==> flow/design.v <==
module mul_unit_rtl (CLK, in0, in1, out);
   parameter WD = 7;
   input CLK;
   input [WD-1:0] in0;
   input [WD-1:0] in1;
   output [WD-1:0] out;
   reg [WD-1:0] out_d1;
   always @(posedge CLK) begin
      out_d1 <= in0 * in1;
   end
   assign out = out_d1;
endmodule
==> reports on mul_unit_rtl <==
==> Step by step through the tools: mul_unit_rtl <==
Tool output for the members of one design family, told apart by "WD", in the order of the flow.
The file above is the member WD 7. Line numbers count from 1 in each member's own file.
Operators: Yosys type, input widths -> output width; for muxes data width and select width s.
Library cell names are shortened.
{ "design": {"design": "mul_unit_rtl", "clock_port": "CLK", "lib": "sky130hd", "corner": "tt_025C_1v80"} }

==> Members of the sweep <==
New or changed lines of each further member against the RTL above, in its own file; lines it lacks are not shown.
{ "changed_lines": {"columns": ["WD", "line", "text"], "rows": [
  [11, 2, "parameter WD = 11;"],
  [16, 2, "parameter WD = 16;"],
  [18, 2, "parameter WD = 18;"],
  [24, 2, "parameter WD = 24;"]
]} }

==> Elaborated design <==
Yosys after proc, flatten, opt, wreduce and memory -nomap, before mapping. Enables and synchronous resets that opt folds into registers are not counted as muxes. Memory bits, and registers merged into a memory's read port (data or address), are not among the register bits. Print and check cells are not counted. Equal cells are merged and count once.
{ "word_totals": {"columns": ["WD", "reg_bits", "elab_cells"], "rows": [
  [7, 7, 2],
  [11, 11, 2],
  [16, 16, 2],
  [18, 18, 2],
  [24, 24, 2]
]} }
{ "op_classes": {"columns": ["WD", "n_mul"], "rows": [
  [7, 1],
  [11, 1],
  [16, 1],
  [18, 1],
  [24, 1]
]} }
{ "op_table": {"columns": ["WD", "op_list"], "rows": [
  [7, "$mul 7x7->7: 1"],
  [11, "$mul 11x11->11: 1"],
  [16, "$mul 16x16->16: 1"],
  [18, "$mul 18x18->18: 1"],
  [24, "$mul 24x24->24: 1"]
]} }

==> Depth <==
Depth = most cells in a row (Yosys ltp): at word level without a register or memory, in the mapped netlist without a sequential cell, where the memories' decode and read muxes count.
{ "depth": {"columns": ["WD", "ltp_word", "abc_area", "mapped_depth", "ltp_nobuf"], "rows": [
  [7, 1, 0, 12, 12],
  [11, 1, 0, 17, 16],
  [16, 1, 0, 20, 19],
  [18, 1, 0, 20, 19],
  [24, 1, 0, 23, 22]
]} }

==> After synthesis <==
Yosys stat after the flow's synthesis: flattened, memories mapped to cells. It holds for the ABC_AREA given above (unset counts as 0); a run with the other value may have another netlist.
The area totals of this step are shown rounded.
{ "synth_totals": {"columns": ["WD", "stdcells", "synth_area_um2", "ff_cells", "buffers"], "rows": [
  [7, 86, 801, 7, 0],
  [11, 231, 2050, 11, 3],
  [16, 486, 4310, 16, 13],
  [18, 605, 5360, 18, 18],
  [24, 1064, 9470, 24, 42]
]} }
{ "by_type": {"columns": ["WD", "cell_types"], "rows": [
  [7, "ha_1: 13; dfxtp_1: 7; fa_1: 7; xnor2_1: 10; and2_1: 9; inv_1: 13; nand2_1: 11; and2_2: 5; xor2_1: 3; nand2_2: 3; xnor2_2: 1; a21o_1: 2; a21oi_1: 2"],
  [11, "fa_1: 30; ha_1: 28; dfxtp_1: 11; inv_1: 55; xnor2_1: 20; and2_1: 24; nand2_1: 30; and2_2: 8; xor2_1: 4; nand2_2: 4; o21a_1: 3; xnor2_2: 1; a21o_1: 2; a21oi_1: 3; buf_4: 1; clkbuf_1: 2; o21bai_1: 1; or4_1: 1; [+3]"],
  [16, "fa_1: 80; ha_1: 49; inv_1: 114; and2_1: 55; dfxtp_1: 16; nand2_1: 75; xnor2_1: 28; xor2_1: 7; and2_2: 7; a21oi_1: 9; clkbuf_1: 12; a21o_1: 5; xnor2_2: 2; xnor2_4: 1; nor2_1: 6; xnor3_1: 1; nand2_2: 3; o21ai_1: 3; [+13]"],
  [18, "fa_1: 109; ha_1: 53; and2_1: 105; inv_1: 157; dfxtp_1: 18; xnor2_1: 34; nand2_1: 69; xor2_1: 7; clkbuf_1: 16; o21a_1: 5; a21oi_1: 6; o21ai_0: 5; xnor3_1: 1; a21o_1: 2; nor2_1: 4; nor3_1: 3; clkbuf_2: 2; o31a_1: 1; [+8]"],
  [24, "fa_1: 213; inv_1: 281; ha_1: 83; and2_1: 163; nand2_1: 138; dfxtp_1: 24; xnor2_1: 48; clkbuf_1: 40; xor2_1: 12; a21oi_1: 13; a21o_1: 6; o21bai_1: 6; o21ai_0: 7; nor2_1: 9; a2111oi_4: 1; a211oi_1: 3; o21a_1: 3; xnor3_1: 1; [+13]"]
]} }
The mark [+n] counts cells that are not listed.

==> Worst setup path after synthesis <==
OpenSTA on the mapped netlist: ideal clock, no wires. The path of least setup slack (recovery checks aside). Input and output delay are each 20% of the period. Register names are those of the netlist, which keeps one name where synthesis merged equal registers.
{ "synth_timing": {"columns": ["WD", "path_kind", "from", "to", "clock_period_ps", "setup_slack_ps", "stages", "path_delay_ps", "period_less_setup_slack_ps"], "rows": [
  [7, "input to register", "input port in1[3]", "register out_d1[6]", 4350, 694, 12, 2785, 3656],
  [11, "input to register", "input port in1[2]", "register out_d1[10]", 6080, 971, 16, 3893, 5109],
  [16, "input to register", "input port in1[1]", "register out_d1[14]", 7250, 1160, 19, 4640, 6090],
  [18, "input to register", "input port in1[3]", "register out_d1[16]", 7360, 1178, 18, 4710, 6182],
  [24, "input to register", "input port in1[4]", "register out_d1[19]", 8800, 1405, 23, 5634, 7395]
]} }
"path_delay_ps" = arrival - input delay + setup time.
"stages": output pins that drive a net of the path, with the launching flip-flop's if there is one; two outputs of one cell count as two.
"period_less_setup_slack_ps" = period - worst setup slack (recovery checks aside). The figure is calculated, with input and output delays left at 20% of the set period.
Between the ends stands the longest chain of elaborated cells between them, by number of cells; it is not shown to be the way that was timed. Of several equally long chains one is given.
Each line given opens the expression or statement behind the cell; cells for indexed reads and writes are added by Yosys, which also makes memories of some case tables.
{ "synth_via_WD_7": {"elab_chain_len": 1} }
{ "synth_rtl_WD_7": {"columns": ["element", "line", "text"], "rows": [
  ["start, declared", 5, "input [WD-1:0] in1;"],
  ["$mul 7x7->7", 9, "out_d1 <= in0 * in1;"],
  ["end, assigned", 9, null],
  ["end, declared", 7, "reg [WD-1:0] out_d1;"]
]} }
{ "synth_via_WD_24": {"elab_chain_len": 1} }
{ "synth_rtl_WD_24": {"columns": ["element", "line", "text"], "rows": [
  ["start, declared", 5, "input [WD-1:0] in1;"],
  ["$mul 24x24->24", 9, "out_d1 <= in0 * in1;"],
  ["end, assigned", 9, null],
  ["end, declared", 7, "reg [WD-1:0] out_d1;"]
]} }

==> Worst path after layout <==
From the final timing report of the run of each member: the path of least setup slack in the routed layout; clock arrival at registers is part of the times.
The report prints the path's times to 10 ps; the period is as set.
{ "layout_timing": {"columns": ["WD", "path_kind", "from", "to", "clock_period_ps", "setup_slack_ps", "stages", "arrival_ps", "path_buffers"], "rows": [
  [7, "input to register", "input port in1[2]", "register out_d1[6]", 4350, 310, 13, 4220, 1],
  [11, "input to register", "input port in1[4]", "register out_d1[10]", 6080, 510, 16, 5740, 1],
  [16, "input to register", "input port in1[1]", "register out_d1[15]", 7250, 500, 18, 6890, 1],
  [18, "input to register", "input port in1[4]", "register out_d1[17]", 7360, 470, 19, 7050, 1],
  [24, "input to register", "input port in1[0]", "register out_d1[23]", 8800, 640, 22, 8340, 1]
]} }

==> Flow runs <==
Settings and results of one run of the flow (Yosys, OpenROAD) for each member follow. The constraints put input and output delay at 20% of the set period each and load the outputs with 0.01 pF.
{ "settings": {"CAP_MARGIN": 20, "CORE_MARGIN": 2, "CORE_UTILIZATION": 40, "SLEW_MARGIN": 20} }
{ "settings_by_member": {"columns": ["WD", "period_ns"], "rows": [
  [7, 4.35],
  [11, 6.08],
  [16, 7.25],
  [18, 7.36],
  [24, 8.8]
]} }
{ "results": {"columns": ["WD", "synth_chip_area_um2", "die_area_um2", "utilization_frac", "setup_ws_ps", "ws_hold_ps", "achievedPeriod_ps"], "rows": [
  [7, 801, 2380, 0.573, 311, 1400, 4039],
  [11, 2050, 5720, 0.503, 507, 1750, 5573],
  [16, 4310, 11600, 0.483, 501, 2230, 6749],
  [18, 5360, 14300, 0.469, 466, 2270, 6894],
  [24, 9470, 24900, 0.46, 641, 2520, 8159]
]} }
"achievedPeriod_ps": clock period set for the run, less the worst setup slack. It is reckoned from that one timing run; input and output delays stay at 20% of the period that was set.
Measured values are rounded.
